==> flow/design.v <==
module mul_n #(
  parameter XLEN = 16,
  parameter KVAL = 365,
  parameter RES_W = XLEN + $clog2(KVAL + 1)
) (
  input wire i_clk,
  input wire aresetn,
  input wire [XLEN-1:0] dataa,
  output wire [RES_W-1:0] res
);
  reg [XLEN-1:0] dataa_q;
  always @(posedge i_clk or negedge aresetn) begin
    if (~aresetn) begin
      dataa_q <= 0;
    end else begin
      dataa_q <= dataa;
    end
  end
  reg [RES_W-1:0] res_q;
  always @(posedge i_clk or negedge aresetn) begin
    if (~aresetn) begin
      res_q <= 0;
    end else begin
      res_q <= dataa_q * KVAL;
    end
  end
  assign res = res_q;
endmodule
# ---- Reports on mul_n
# A sweep over "XLEN": the same steps for each member of the family.
# The file above is the member XLEN=16. Line numbers count from 1 in each member's own file.
# Operators carry their Yosys type and port widths (W data, S select, Z words).
# Library cell names are shortened.
# A cell with n/a has no value.
dict set report setup {
  design {mul_n}
  clk_port {i_clk}
  lib {sky130hd}
  lib_corner {tt_025C_1v80}
}

# ---- Members of the sweep
# Lines of each other member's file that are new or changed against the file above; lines that a member lacks are not shown.
# XLEN line_no
set changed_lines {}
lappend changed_lines {18 2} ;# parameter XLEN = 18,
lappend changed_lines {36 2} ;# parameter XLEN = 36,
lappend changed_lines {40 2} ;# parameter XLEN = 40,
lappend changed_lines {64 2} ;# parameter XLEN = 64,

# ---- Word-level counts
# Yosys after proc, flatten, opt, wreduce and memory -nomap, before mapping. Enables and synchronous resets that opt folds into registers are not counted as muxes. Memory bits, and registers merged into a memory's read port (data or address), are not among the register bits. Print and check cells are not counted. Equal cells are merged and count once.
# XLEN reg_bits in_bits output_inout_bits elab_cells
set bits {}
lappend bits {16 41 18 25 3}
lappend bits {18 45 20 27 3}
lappend bits {36 81 38 45 3}
lappend bits {40 89 42 49 3}
lappend bits {64 137 66 73 3}
# XLEN n_mul
set classes {}
lappend classes {16 1}
lappend classes {18 1}
lappend classes {36 1}
lappend classes {40 1}
lappend classes {64 1}
# XLEN operators
set ops {}
lappend ops {16 {1 x $mul A16 B9 Y25 const B}}
lappend ops {18 {1 x $mul A18 B9 Y27 const B}}
lappend ops {36 {1 x $mul A36 B9 Y45 const B}}
lappend ops {40 {1 x $mul A40 B9 Y49 const B}}
lappend ops {64 {1 x $mul A64 B9 Y73 const B}}

# ---- Longest topological paths
# Yosys ltp: most cells in a row. Word level: on the elaborated netlist, between registers, memories and ports. Mapped: between sequential cells and ports; inverters and the memories' decode and read muxes count.
# XLEN ltp_word ABC_AREA ltp_mapped depth_no_buf
set depth {}
lappend depth {16 1 0 16 15}
lappend depth {18 1 0 17 15}
lappend depth {36 1 0 18 16}
lappend depth {40 1 0 18 18}
lappend depth {64 1 0 20 19}

# ---- Mapped cells and area
# The flow's flattened synthesis, as Yosys stat reports it; memories are mapped. The netlist is that of the ABC_AREA named above (0 if unset); the other value can give another one.
# Totals and module areas in this step are rounded.
# XLEN cell_types
set types {}
lappend types {16 {41 x dfrtp_1; 45 x fa_1; 63 x ha_1; 107 x inv_1; 20 x a21oi_1; 11 x xnor2_1; 11 x xor2_1; 9 x a21o_1; 15 x nand2_1; 14 x nor2_1; 4 x a211oi_1; 6 x nand3_1; 6 x nor3_1; 4 x o21a_1; 6 x o21ai_0; 4 x nor2b_1; 1 x a211oi_4; 3 x nand4_1; (+31)}}
lappend types {18 {45 x dfrtp_1; 48 x fa_1; 66 x ha_1; 110 x inv_1; 20 x xor2_1; 18 x xnor2_1; 21 x a21oi_1; 12 x a21o_1; 18 x nand2_1; 11 x o21ai_0; 12 x nor2_1; 5 x a31oi_1; 6 x nand3_1; 4 x o21bai_1; 7 x clkbuf_1; 4 x nand4_1; 3 x nor2b_1; 2 x a21boi_0; (+32)}}
lappend types {36 {127 x fa_1; 81 x dfrtp_1; 98 x ha_1; 231 x inv_1; 43 x a21oi_1; 25 x a21o_1; 20 x xor2_1; 19 x xnor2_1; 34 x nand2_1; 19 x o21ai_0; 17 x nor2_1; 9 x nand4_1; 14 x clkbuf_1; 6 x o21a_1; 6 x o21bai_1; 5 x a221oi_1; 5 x a311oi_1; 7 x and3_1; (+75)}}
lappend types {40 {137 x fa_1; 89 x dfrtp_1; 113 x ha_1; 219 x inv_1; 49 x a21oi_1; 27 x xnor2_1; 25 x xor2_1; 19 x a21o_1; 37 x nand2_1; 20 x o21ai_0; 9 x o21bai_1; 16 x nor2_1; 10 x nor3_1; 7 x a31oi_1; 7 x nand4_1; 7 x nor2b_1; 8 x nand3_1; 8 x o21ai_1; (+77)}}
lappend types {64 {207 x fa_1; 137 x dfrtp_1; 186 x ha_1; 298 x inv_1; 64 x xor2_1; 61 x a21o_1; 49 x xnor2_1; 81 x a21oi_1; 56 x nand2_1; 41 x o21ai_0; 26 x nand4_1; 33 x clkbuf_1; 30 x nor2_1; 14 x o21bai_1; 2 x a2111oi_4; 7 x a211oi_1; 6 x a22o_1; 6 x a41oi_1; (+108)}}
# The mark (+n) counts cells that are not listed.
# XLEN mapped_cells area_um2 seqArea_um2 flip_flops buffers
set synth_totals {}
lappend synth_totals {16 401 4100 1000 41 2}
lappend synth_totals {18 444 4500 1100 45 7}
lappend synth_totals {36 841 8600 2000 81 15}
lappend synth_totals {40 884 9300 2200 89 10}
lappend synth_totals {64 1412 15000 3400 137 34}

# ---- Timing after synthesis
# OpenSTA on the mapped netlist: ideal clock, no wires. The path of least setup slack (recovery checks aside). Input and output delay are each 20% of the period. Register names are those of the netlist, which keeps one name where synthesis merged equal registers.
# XLEN path_kind startpoint endpoint period_ns slack_ns stages delay_ns period_less_setup_slack_ns
set synth_timing {}
lappend synth_timing {16 {register -> register} {register dataa_q[14]} {register res_q[21]} 5.25 1.052 17 4.198 4.198}
lappend synth_timing {18 {register -> register} {register dataa_q[9]} {register res_q[23]} 5.1 1.016 17 4.084 4.084}
lappend synth_timing {36 {register -> register} {register dataa_q[24]} {register res_q[44]} 5.43 1.086 17 4.344 4.344}
lappend synth_timing {40 {register -> register} {register dataa_q[11]} {register res_q[42]} 5.31 1.065 18 4.245 4.245}
lappend synth_timing {64 {register -> register} {register dataa_q[11]} {register res_q[66]} 6.42 1.283 20 5.137 5.137}
# "delay_ns" = arrival - input delay + setup time.
# "stages" counts driving pins, that of a launching flip-flop among them; a cell with two outputs on the path counts twice.
# "period_less_setup_slack_ns" = period - worst setup slack (recovery checks aside). The figure is calculated, with input and output delays left at 20% of the set period.
# The rows between start and end are the longest chain of elaborated cells between them; the timing report does not say that the signal goes this way. Where chains are equally long, one stands for them.
# A line is the first line of the expression or statement that the cell stems from. Yosys adds cells for indexed reads and writes and turns some case tables into memories.
dict set report synth_via_XLEN_16 {
  elab_chain_len 1
}
# element line_no
set synth_lines_XLEN_16 {}
lappend synth_lines_XLEN_16 {{start: declaration} 11} ;# reg [XLEN-1:0] dataa_q;
lappend synth_lines_XLEN_16 {{start: assignment} 14} ;# dataa_q <= 0;
lappend synth_lines_XLEN_16 {{start: assignment} 16} ;# dataa_q <= dataa;
lappend synth_lines_XLEN_16 {{$mul A16 B9 Y25} 24} ;# res_q <= dataa_q * KVAL;
lappend synth_lines_XLEN_16 {{end: assignment} 22} ;# res_q <= 0;
lappend synth_lines_XLEN_16 {{end: assignment} 24}
lappend synth_lines_XLEN_16 {{end: declaration} 19} ;# reg [RES_W-1:0] res_q;
dict set report synth_via_XLEN_64 {
  elab_chain_len 1
}
# element line_no
set synth_lines_XLEN_64 {}
lappend synth_lines_XLEN_64 {{start: declaration} 11} ;# reg [XLEN-1:0] dataa_q;
lappend synth_lines_XLEN_64 {{start: assignment} 14} ;# dataa_q <= 0;
lappend synth_lines_XLEN_64 {{start: assignment} 16} ;# dataa_q <= dataa;
lappend synth_lines_XLEN_64 {{$mul A64 B9 Y73} 24} ;# res_q <= dataa_q * KVAL;
lappend synth_lines_XLEN_64 {{end: assignment} 22} ;# res_q <= 0;
lappend synth_lines_XLEN_64 {{end: assignment} 24}
lappend synth_lines_XLEN_64 {{end: declaration} 19} ;# reg [RES_W-1:0] res_q;

# ---- Timing after layout
# From the final timing report of each member's run: the path of least setup slack in the routed layout; clock arrival at registers is part of the times.
# XLEN path_kind startpoint endpoint period_ns slack_ns stages arrival_time_ns
set layout_timing {}
lappend layout_timing {16 {register -> register} {register dataa_q[8]} {register res_q[21]} 5.25 0.82 16 4.63}
lappend layout_timing {18 {register -> register} {register dataa_q[9]} {register res_q[23]} 5.1 0.70 16 4.60}
lappend layout_timing {36 {register -> register} {register dataa_q[24]} {register res_q[44]} 5.43 0.66 16 5.02}
lappend layout_timing {40 {register -> register} {register dataa_q[14]} {register res_q[42]} 5.31 0.40 18 5.18}
lappend layout_timing {64 {register -> register} {register dataa_q[7]} {register res_q[57]} 6.42 0.62 20 6.17}

# ---- Flow runs
# One run of the flow (Yosys, OpenROAD) for each member, with settings and measured results. Input and output delays are each 20% of the period that was set; the output load is 0.01 pF.
dict set report settings {
  CAP_MARGIN 20
  CORE_MARGIN 2
  CORE_UTILIZATION 40
  SLEW_MARGIN 20
}
# XLEN period_ns
set settings_diff {}
lappend settings_diff {16 5.25}
lappend settings_diff {18 5.1}
lappend settings_diff {36 5.43}
lappend settings_diff {40 5.31}
lappend settings_diff {64 6.42}
# XLEN post_synth_area_um2 dieArea_um2 finalCellArea_um2 util_pct worstSetupSlack_ns timing.setup.tns_ns hold_ws_ns fin_power_w period_less_ws_ns
set measured {}
lappend measured {16 4100 11000 4700 48 0.82 0.000 0.48 0.0026 4.434}
lappend measured {18 4500 12000 5200 48 0.70 0.000 0.50 0.003 4.405}
lappend measured {36 8600 23000 10000 47 0.66 0.000 0.49 0.0064 4.766}
lappend measured {40 9300 24000 11000 48 0.40 0.000 0.50 0.0071 4.907}
lappend measured {64 15000 39000 17000 47 0.62 0.000 0.51 0.01 5.798}
# By "period_less_ws_ns" is meant the clock period of the run minus its worst setup slack. This is arithmetic on one report: input and output delays are still those of the set period (20% each).
# "fin_power_w" rests on the timing tool's default activity at the inputs, not on a simulated workload.
# The measured numbers are rounded.
